==> flow/design.v <==
module alu_addsub_p (ck, adv, src1, src2, minus, q, carry);
  parameter BITS = 32;
  input ck;
  input adv;
  input signed [BITS-1:0] src1;
  input signed [BITS-1:0] src2;
  input minus;
  output [BITS-1:0] q;
  output carry;
  reg signed [BITS-1:0] src1_s;
  reg signed [BITS-1:0] src2_s;
  reg minus_s;
  always @(posedge ck) begin
    if (adv) begin
      src1_s <= src1;
      src2_s <= src2;
      minus_s <= minus;
    end
  end
  wire [BITS-1:0] t2;
  assign t2 = src2_s ^ {BITS{minus_s}};
  wire [BITS-1:0] t;
  assign t = $unsigned(src1_s) + t2 + minus_s;
  assign q = t[BITS-1:0];
  assign carry = (src1_s[BITS-1] == t2[BITS-1]) && (t[BITS-1] != src1_s[BITS-1]);
endmodule
Reports on alu_addsub_p --
Tool output for the design above, in the order of the flow. Lines are those of the file above, counted from 1. Library cell names are shortened. The mark n/a stands for no value.
Design: design top alu_addsub_p, clock ck, standard-cell library sky130hd, corner tt_025C_1v80

Word level --
Counts by Yosys on the flattened word-level netlist (proc, flatten, opt, wreduce; memories kept). Register bits leave out memories and registers merged into their read ports (data or address); mux counts leave out enables and synchronous resets folded into registers. Print and check cells are left out. Cells with the same type and inputs are merged into one.
Word-level totals: flip-flop bits (word level) 65, input port bits 67, output and inout bits 33
Operators by class: add/sub/neg operators 2, eq/ne operators 2, bitwise logic cells 1, reduce/logical cells 1
Operator list (number):
- 32-bit by 1-bit adder with 32-bit output | 1
- 32-bit adder | 1
- 32-bit bitwise XOR | 1
- 1-bit equality test | 1
- 1-bit inequality test | 1
- 1-bit logical AND | 1

Longest topological paths --
Yosys ltp: most cells in a row. Word level: on the elaborated netlist, between registers, memories and ports. Mapped: between sequential cells and ports; inverters and the memories' decode and read muxes count.
Depth: depth in word-level cells 5, ABC_AREA 0, mapped depth 12

After synthesis --
Yosys stat after the flow's synthesis: flattened, memories mapped to cells. It holds for the ABC_AREA given above (unset counts as 0); a run with the other value may have another netlist.
Cell types:
- edfxtp_1 | number 65, area in all 1.95E+03 µm²
- xor2_1 | number 44, area in all 385.37 µm²
- ha_1 | number 30, area in all 375.36 µm²
- a21oi_1 | number 34, area in all 170.163 µm²
- xnor2_1 | number 17, area in all 148.893 µm²
- o21ai_0 | number 18, area in all 90.086 µm²
- nand2_1 | number 22, area in all 82.579 µm²
- nor2_1 | number 19, area in all 71.318 µm²
- o21a_1 | number 7, area in all 52.55 µm²
- nand4_1 | number 8, area in all 50.048 µm²
- a211oi_1 | number 5, area in all 37.536 µm²
- a21o_1 | number 5, area in all 37.536 µm²
- a31oi_1 | number 6, area in all 37.536 µm²
- nor2b_1 | number 5, area in all 31.28 µm²
- clkbuf_1 | number 8, area in all 30.029 µm²
- o41ai_4 | number 1, area in all 27.526 µm²
- inv_1 | number 7, area in all 26.275 µm²
- o221ai_4 | number 1, area in all 26.275 µm²
Not listed: further types 33, cells in them 44.
Synthesis totals: cells in the netlist 346, chip area (Yosys) 0.0040264 mm², area of sequential cells 0.0019519 mm², flip-flop cells 65

Timing after synthesis --
Source: OpenSTA report_checks on the synthesized netlist (no wires, ideal clock, input and output delay 20% of the period each), path of least setup slack; recovery checks are left aside. Register names are those of the netlist, which keeps one name where synthesis merged equal registers.
Timing path post-synthesis: path type reg-to-output, from register minus_s, to output q[28], period 4650 ps, external output delay 930 ps, launch time at the first pin 0 ps, arrival time 2979 ps, required time 3720 ps, setup slack 741 ps, path delay 2979 ps, driving pins on the path 13, buffers on the path 2, period reached after synthesis 3909 ps
"path delay" is the arrival time less input delay plus setup time. A path that ends at an output port has no setup time. "driving pins on the path" counts driving pins, that of a launching flip-flop among them; a cell with two outputs on the path counts twice. "period reached after synthesis" is the clock period less the worst setup slack; recovery checks do not enter. This is arithmetic on one report: input and output delays are still those of the set period (20% each). Between the ends stands the longest chain of elaborated cells between them, by number of cells; it is not shown to be the way that was timed. Of several equally long chains one is given. Each line given opens the expression or statement behind the cell; cells for indexed reads and writes are added by Yosys, which also makes memories of some case tables.
On the way, post-synthesis: path through edfxtp_1 clkbuf_8 clkbuf_1 xor2_1 inv_1 fa_1 nor2b_1 o31ai_1 a31o_2 o41ai_2 a211oi_1 a211oi_1 xor2_1, cells in the longest elaborated chain 3
Ends and longest elaborated chain, post-synthesis:
- start, declared | line 12 | reg minus_s;
- start, assigned | line 17 | minus_s <= minus;
- 32-bit bitwise XOR | line 21 | assign t2 = src2_s ^ {BITS{minus_s}};
- 32-bit adder | line 23 | assign t = $unsigned(src1_s) + t2 + minus_s;
- 32-bit by 1-bit adder with 32-bit output | line 23
- end, declared | line 8 | output [BITS-1:0] q;

Timing after layout --
From the final timing report of flow run 1: the path of least setup slack in the routed layout; clock arrival at registers is part of the times. The path's times are printed in steps of 10 ps; the period is the one set.
Timing path post-layout: path type reg-to-output, from register minus_s, to output carry, period 2800 ps, external output delay 560 ps, launch time at the first pin 340 ps, arrival time 3180 ps, required time 2240 ps, setup slack -940 ps, driving pins on the path 14, buffers on the path 4
Between the ends stands the longest chain of elaborated cells between them, by number of cells; it is not shown to be the way that was timed. Of several equally long chains one is given.
On the way, post-layout: path through edfxtp_1 buf_6 buf_6 xor2_2 ha_1 buf_6 nand4_2 o221ai_4 nor2_2 o31a_4 o41ai_4 a211o_2 mux2i_2 buf_2, cells in the longest elaborated chain 5
Ends and longest elaborated chain, post-layout:
- start, declared | line 12 | reg minus_s;
- start, assigned | line 17 | minus_s <= minus;
- 32-bit bitwise XOR | line 21 | assign t2 = src2_s ^ {BITS{minus_s}};
- 32-bit adder | line 23 | assign t = $unsigned(src1_s) + t2 + minus_s;
- 32-bit by 1-bit adder with 32-bit output | line 23
- 1-bit inequality test | line 25 | assign carry = (src1_s[BITS-1] == t2[BITS-1]) && (t[BITS-1] != src1_s[BITS-1]);
- 1-bit logical AND | line 25
- end, declared | line 9 | output carry;

Ticket comment

3 stored runs of alu_addsub_p in the flow (synthesis by Yosys, layout by OpenROAD, sky130hd cells), in arbitrary order. Constraints: input delay and output delay 20% of the set period each, output load 0.01 pF.
"reached clock period" = clock period - worst setup slack. The figure is calculated, with input and output delays left at 20% of the set period.
"total power of the final layout": no workload was simulated; the value follows from the tool's default switching activity.

* Flow run 1 | settings: period_ns 2.8; CORE_UTILIZATION 18; PLACE_DENSITY_LB_ADDON 0.09; CORE_MARGIN 6; CELL_PAD_IN_SITES_GLOBAL_PLACEMENT 3; CELL_PAD_IN_SITES_DETAIL_PLACEMENT 0; TNS_END_PERCENT 90; ABC_AREA 0; CTS_CLUSTER_SIZE 38; CTS_CLUSTER_DIAMETER 242; CAP_MARGIN 15; SLEW_MARGIN 30 | results: reached clock period 3740 ps; die size 0.0261016 mm²; total negative slack on setup checks -20363 ps; std-cell area (final layout) 0.0071819 mm²; total power of the final layout 4966 µW; synthesized cell area 0.0040264 mm²; setup slack of the worst path -940 ps; worst-case hold slack 755 ps; utilization after routing 32.8 %
* Flow run 2 | settings: period_ns 4.22; CORE_UTILIZATION 36; CORE_MARGIN 3; CELL_PAD_IN_SITES_DETAIL_PLACEMENT 0; TNS_END_PERCENT 20; GPL_TIMING_DRIVEN 0; CTS_CLUSTER_DIAMETER 122; SLEW_MARGIN 10; MIN_ROUTING_LAYER met2; MAX_ROUTING_LAYER met4; CAP_MARGIN 20 | results: reached clock period 4223 ps; die size 0.0124892 mm²; total negative slack on setup checks -3 ps; std-cell area (final layout) 0.0056241 mm²; total power of the final layout 2510 µW; synthesized cell area 0.0040264 mm²; setup slack of the worst path -3 ps; worst-case hold slack 1041 ps; utilization after routing 53.1 %
* Flow run 3 | settings: period_ns 4.65; CAP_MARGIN 20; CORE_MARGIN 2; CORE_UTILIZATION 40; SLEW_MARGIN 20 | results: reached clock period 4450 ps; die size 0.0108847 mm²; total negative slack on setup checks 0 ps; std-cell area (final layout) 0.0055115 mm²; total power of the final layout 2365 µW; synthesized cell area 0.0040264 mm²; setup slack of the worst path 200 ps; worst-case hold slack 1127 ps; utilization after routing 56.4 %
